==> flow/design.v <==
module subtractor #(
    parameter integer WD = 80
) (
    input  logic core_clk,
    input  logic RST,
    input  logic en,
    input  logic [WD-1:0] in0,
    input  logic do_sub,
    output logic [WD-1:0] diff
);
    logic [WD-1:0] r_in0;
    logic r_do_sub;
    assign diff = r_do_sub ? -r_in0 : r_in0;
    always_ff @(posedge core_clk or posedge RST) begin
        if (RST) begin
            r_in0 <= '0;
            r_do_sub <= 1'b0;
        end else if (en) begin
            r_in0 <= in0;
            r_do_sub <= do_sub;
        end
    end
endmodule
[Tool chain data of subtractor]
What the tools print for subtractor, step after step.
Lines are those of the file above, counted from 1.
Operators carry their Yosys type and port widths (W data, S select, Z words).
Library cell names are shortened.
Not given: -
Design
  top module: subtractor
  clock: core_clk
  standard-cell library: sky130hd
  timing corner: tt_025C_1v80

[After elaboration]
Counts by Yosys on the flattened word-level netlist (proc, flatten, opt, wreduce; memories kept). Register bits leave out memories and registers merged into their read ports (data or address); mux counts leave out enables and synchronous resets folded into registers. Print and check cells are left out. Cells with the same type and inputs are merged into one.
Storage and ports
  bits in registers: 81
  bits of input ports: 84
  output and inout bits: 80
Operators by class
  $add $sub $neg: 1
  multiplexer cells: 1
Operators by type and width (count)
  $neg A80 Y80: 1
  $mux W80: 1

[Depth]
Depth = most cells in a row (Yosys ltp): at word level without a register or memory, in the mapped netlist without a sequential cell, where the memories' decode and read muxes count.
Depth
  depth in word-level cells: 2
  ABC_AREA: 1
  mapped depth: 11
  depth with buffers taken out: 11

[After synthesis]
Source: synth_stat.txt of the flow (Yosys; design flattened, memories mapped). It holds for the ABC_AREA given above (unset counts as 0); a run with the other value may have another netlist.
Cells by type
  dfrtp_1: count 81, total area 2.03E+03 sq um
  nand2_1: count 300, total area 1126.08 sq um
  nor2_1: count 151, total area 566.794 sq um
  o21ai_0: count 96, total area 480.461 sq um
  xor2_1: count 44, total area 385.37 sq um
  nand3_1: count 64, total area 320.307 sq um
  inv_1: count 82, total area 307.795 sq um
  mux2_2: count 8, total area 90.086 sq um
  buf_2: count 14, total area 70.067 sq um
  nor2_2: count 10, total area 62.56 sq um
  nand2_2: count 8, total area 50.048 sq um
  nor2_4: count 4, total area 45.043 sq um
  nand4_1: count 6, total area 37.536 sq um
  clkbuf_1: count 8, total area 30.029 sq um
  nand3_2: count 3, total area 30.029 sq um
  a21oi_1: count 5, total area 25.024 sq um
  nand2_4: count 2, total area 22.522 sq um
  and2_1: count 3, total area 18.768 sq um
Not listed: further types 7, cells in them 12.
Mapped netlist
  cell count: 901
  cell area after synthesis: 5786.8 sq um
  area of sequential cells: 2026.9 sq um
  flip-flop cells: 81
  buffers: 27

[Worst setup path after synthesis]
Path of least setup slack by OpenSTA after synthesis, without wires, with an ideal clock, recovery checks aside; 20% of the period is set as input and as output delay. Where synthesis merged equal registers, the netlist keeps one of their names.
Timing path post-synthesis
  path kind: register -> output
  start point: register r_in0[0]
  end point: output diff[42]
  clock period: 3.72 ns
  data arrival time: 1.521 ns
  data required time: 2.976 ns
  path slack: 1.455 ns
  path delay: 1.521 ns
  stages: 10
  path buffers: 0
  period reached after synthesis: 2.265 ns
"path delay" = arrival - input delay + setup time.
At an output port there is no setup time.
"stages" counts driving pins, that of a launching flip-flop among them; a cell with two outputs on the path counts twice.
"period reached after synthesis" is the clock period less the worst setup slack; recovery checks do not enter. This is arithmetic on one report: input and output delays are still those of the set period (20% each).
The rows between start and end are the longest chain of elaborated cells between them; the timing report does not say that the signal goes this way. Where chains are equally long, one stands for them.
A line is the first line of the expression or statement that the cell stems from. Yosys adds cells for indexed reads and writes and turns some case tables into memories.
Between the ends, post-synthesis
  cell sequence: dfrtp_1 -> inv_1 -> ha_1 -> nand3_2 -> nor2_2 -> nand2_1 -> nor2_2 -> nand2_1 -> nand2_2 -> xor2_1
  length of the longest elaborated chain: 2
  elaborated cells on any way between the ends: 2
  source lines of those cells: 1
  those cells by class: add/sub (1); mux (1)
Ends and longest elaborated chain, post-synthesis
  start: declaration: RTL line 11  | logic [WD-1:0] r_in0;
  start: assignment: RTL line 16  | r_in0 <= '0;
  start: assignment: RTL line 19  | r_in0 <= in0;
  $neg A80 Y80: RTL line 13  | assign diff = r_do_sub ? -r_in0 : r_in0;
  $mux W80: RTL line 13
  end: declaration: RTL line 9  | output logic [WD-1:0] diff

[Path in the finished layout]
From the final timing report of run 1: the path of least setup slack in the routed layout; clock arrival at registers is part of the times.
Timing path post-layout
  path kind: register -> output
  start point: register r_in0[1]
  end point: output diff[34]
  clock period: 2.25 ns
  data arrival time: 2.38 ns
  data required time: 1.80 ns
  path slack: -0.58 ns
  stages: 14
  path buffers: 3
The rows between start and end are the longest chain of elaborated cells between them; the timing report does not say that the signal goes this way. Where chains are equally long, one stands for them.
Between the ends, post-layout
  cell sequence: dfrtp_1 -> inv_2 -> ha_4 -> nand3_4 -> nor2_4 -> nand2_2 -> nor2_4 -> buf_4 -> buf_6 -> nor2_2 -> nor2_1 -> nand2_1 -> nand2_2 -> buf_6
  length of the longest elaborated chain: 2
  elaborated cells on any way between the ends: 2
  source lines of those cells: 1
  those cells by class: add/sub (1); mux (1)
Ends and longest elaborated chain, post-layout
  start: declaration: RTL line 11  | logic [WD-1:0] r_in0;
  start: assignment: RTL line 16  | r_in0 <= '0;
  start: assignment: RTL line 19  | r_in0 <= in0;
  $neg A80 Y80: RTL line 13  | assign diff = r_do_sub ? -r_in0 : r_in0;
  $mux W80: RTL line 13
  end: declaration: RTL line 9  | output logic [WD-1:0] diff

==> results <==
Module subtractor, platform sky130hd: 3 stored runs of the flow (Yosys, OpenROAD) with differing settings, in no particular order. Input and output delays are each 20% of the period that was set; the output load is 0.01 pF.
"worst setup path time (ns)" means the part of the period allowed to the worst setup path (the constraints hold back 20% at inputs and 20% at outputs) less its slack; where the path has registers, the arrival times of their clocks count too.
By "finish__power__total" is meant OpenSTA's value without simulated activity: inputs other than the clock are taken to toggle once in ten clock periods, and the tool carries that through the logic.

Flow files of run 1
==> flow/run.sh <==
#!/bin/bash
# the make line also repeats the synthesis and layout settings of config.mk as NAME=value (left out here)
make -C /OpenROAD-flow-scripts/flow DESIGN_CONFIG=/design/flow/config.mk WORK_HOME=/design/flow/orfs CLKGATE_MAP_FILE= finish
==> flow/config.mk <==
export PLATFORM = sky130hd
export DESIGN_NAME = subtractor
export DESIGN_NICKNAME = subtractor
export VERILOG_FILES = /design/flow/design.v
export SDC_FILE = /design/flow/constraint.sdc
export NUM_CORES = 4
export LEC_CHECK = 0
export ABC_AREA = 1
export CAP_MARGIN = 20
export CELL_PAD_IN_SITES_DETAIL_PLACEMENT = 1
export CORE_MARGIN = 2
export CORE_UTILIZATION = 25
export GPL_TIMING_DRIVEN = 0
export PLACE_DENSITY_LB_ADDON = 0.21
export SETUP_SLACK_MARGIN = 0.43
export SLEW_MARGIN = 20
export TNS_END_PERCENT = 65
==> flow/constraint.sdc <==
create_clock -name core_clock -period 2.25 [get_ports {core_clk}]
set_input_delay 0.4500 -clock core_clock [delete_from_list [all_inputs] [get_ports {core_clk}]]
set_output_delay 0.4500 -clock core_clock [all_outputs]
set_load 0.01 [all_outputs]

report of run 1
yosys chip area after synthesis (um^2): 5786.8
finish__design__die__area: 24379.7
finish__design__instance__area__stdcell: 9928.3
finish__timing__setup__ws: -0.575
finish__power__total: 5.638e-03
worst setup path time (ns): 2.38
worst setup path kind: register -> output

Flow files of run 2
==> flow/run.sh <==
#!/bin/bash
# the make line also repeats the synthesis and layout settings of config.mk as NAME=value (left out here)
make -C /OpenROAD-flow-scripts/flow DESIGN_CONFIG=/design/flow/config.mk WORK_HOME=/design/flow/orfs CLKGATE_MAP_FILE= finish
==> flow/config.mk <==
export PLATFORM = sky130hd
export DESIGN_NAME = subtractor
export DESIGN_NICKNAME = subtractor
export VERILOG_FILES = /design/flow/design.v
export SDC_FILE = /design/flow/constraint.sdc
export NUM_CORES = 4
export LEC_CHECK = 0
export CAP_MARGIN = 20
export CORE_MARGIN = 2
export CORE_UTILIZATION = 40
export SLEW_MARGIN = 20
==> flow/constraint.sdc <==
create_clock -name core_clock -period 3.72 [get_ports {core_clk}]
set_input_delay 0.7440 -clock core_clock [delete_from_list [all_inputs] [get_ports {core_clk}]]
set_output_delay 0.7440 -clock core_clock [all_outputs]
set_load 0.01 [all_outputs]

report of run 2
yosys chip area after synthesis (um^2): 4870.9
finish__design__die__area: 13075.9
finish__design__instance__area__stdcell: 7653.6
finish__timing__setup__ws: 0.060
finish__power__total: 3.036e-03
worst setup path time (ns): 2.92
worst setup path kind: register -> output

Flow files of run 3
==> flow/run.sh <==
#!/bin/bash
# the make line also repeats the synthesis and layout settings of config.mk as NAME=value (left out here)
make -C /OpenROAD-flow-scripts/flow DESIGN_CONFIG=/design/flow/config.mk WORK_HOME=/design/flow/orfs CLKGATE_MAP_FILE= finish
==> flow/config.mk <==
export PLATFORM = sky130hd
export DESIGN_NAME = subtractor
export DESIGN_NICKNAME = subtractor
export VERILOG_FILES = /design/flow/design.v
export SDC_FILE = /design/flow/constraint.sdc
export NUM_CORES = 4
export LEC_CHECK = 0
export ABC_AREA = 1
export CAP_MARGIN = 40
export CORE_MARGIN = 2
export CORE_UTILIZATION = 37
export CTS_CLUSTER_DIAMETER = 54
export PLACE_DENSITY_LB_ADDON = 0.09
export SLEW_MARGIN = 40
==> flow/constraint.sdc <==
create_clock -name core_clock -period 3.35 [get_ports {core_clk}]
set_input_delay 0.6700 -clock core_clock [delete_from_list [all_inputs] [get_ports {core_clk}]]
set_output_delay 0.6700 -clock core_clock [all_outputs]
set_load 0.01 [all_outputs]

report of run 3
yosys chip area after synthesis (um^2): 5786.8
finish__design__die__area: 16656.5
finish__design__instance__area__stdcell: 8110.3
finish__timing__setup__ws: 0.134
finish__power__total: 3.458e-03
worst setup path time (ns): 2.55
worst setup path kind: register -> output
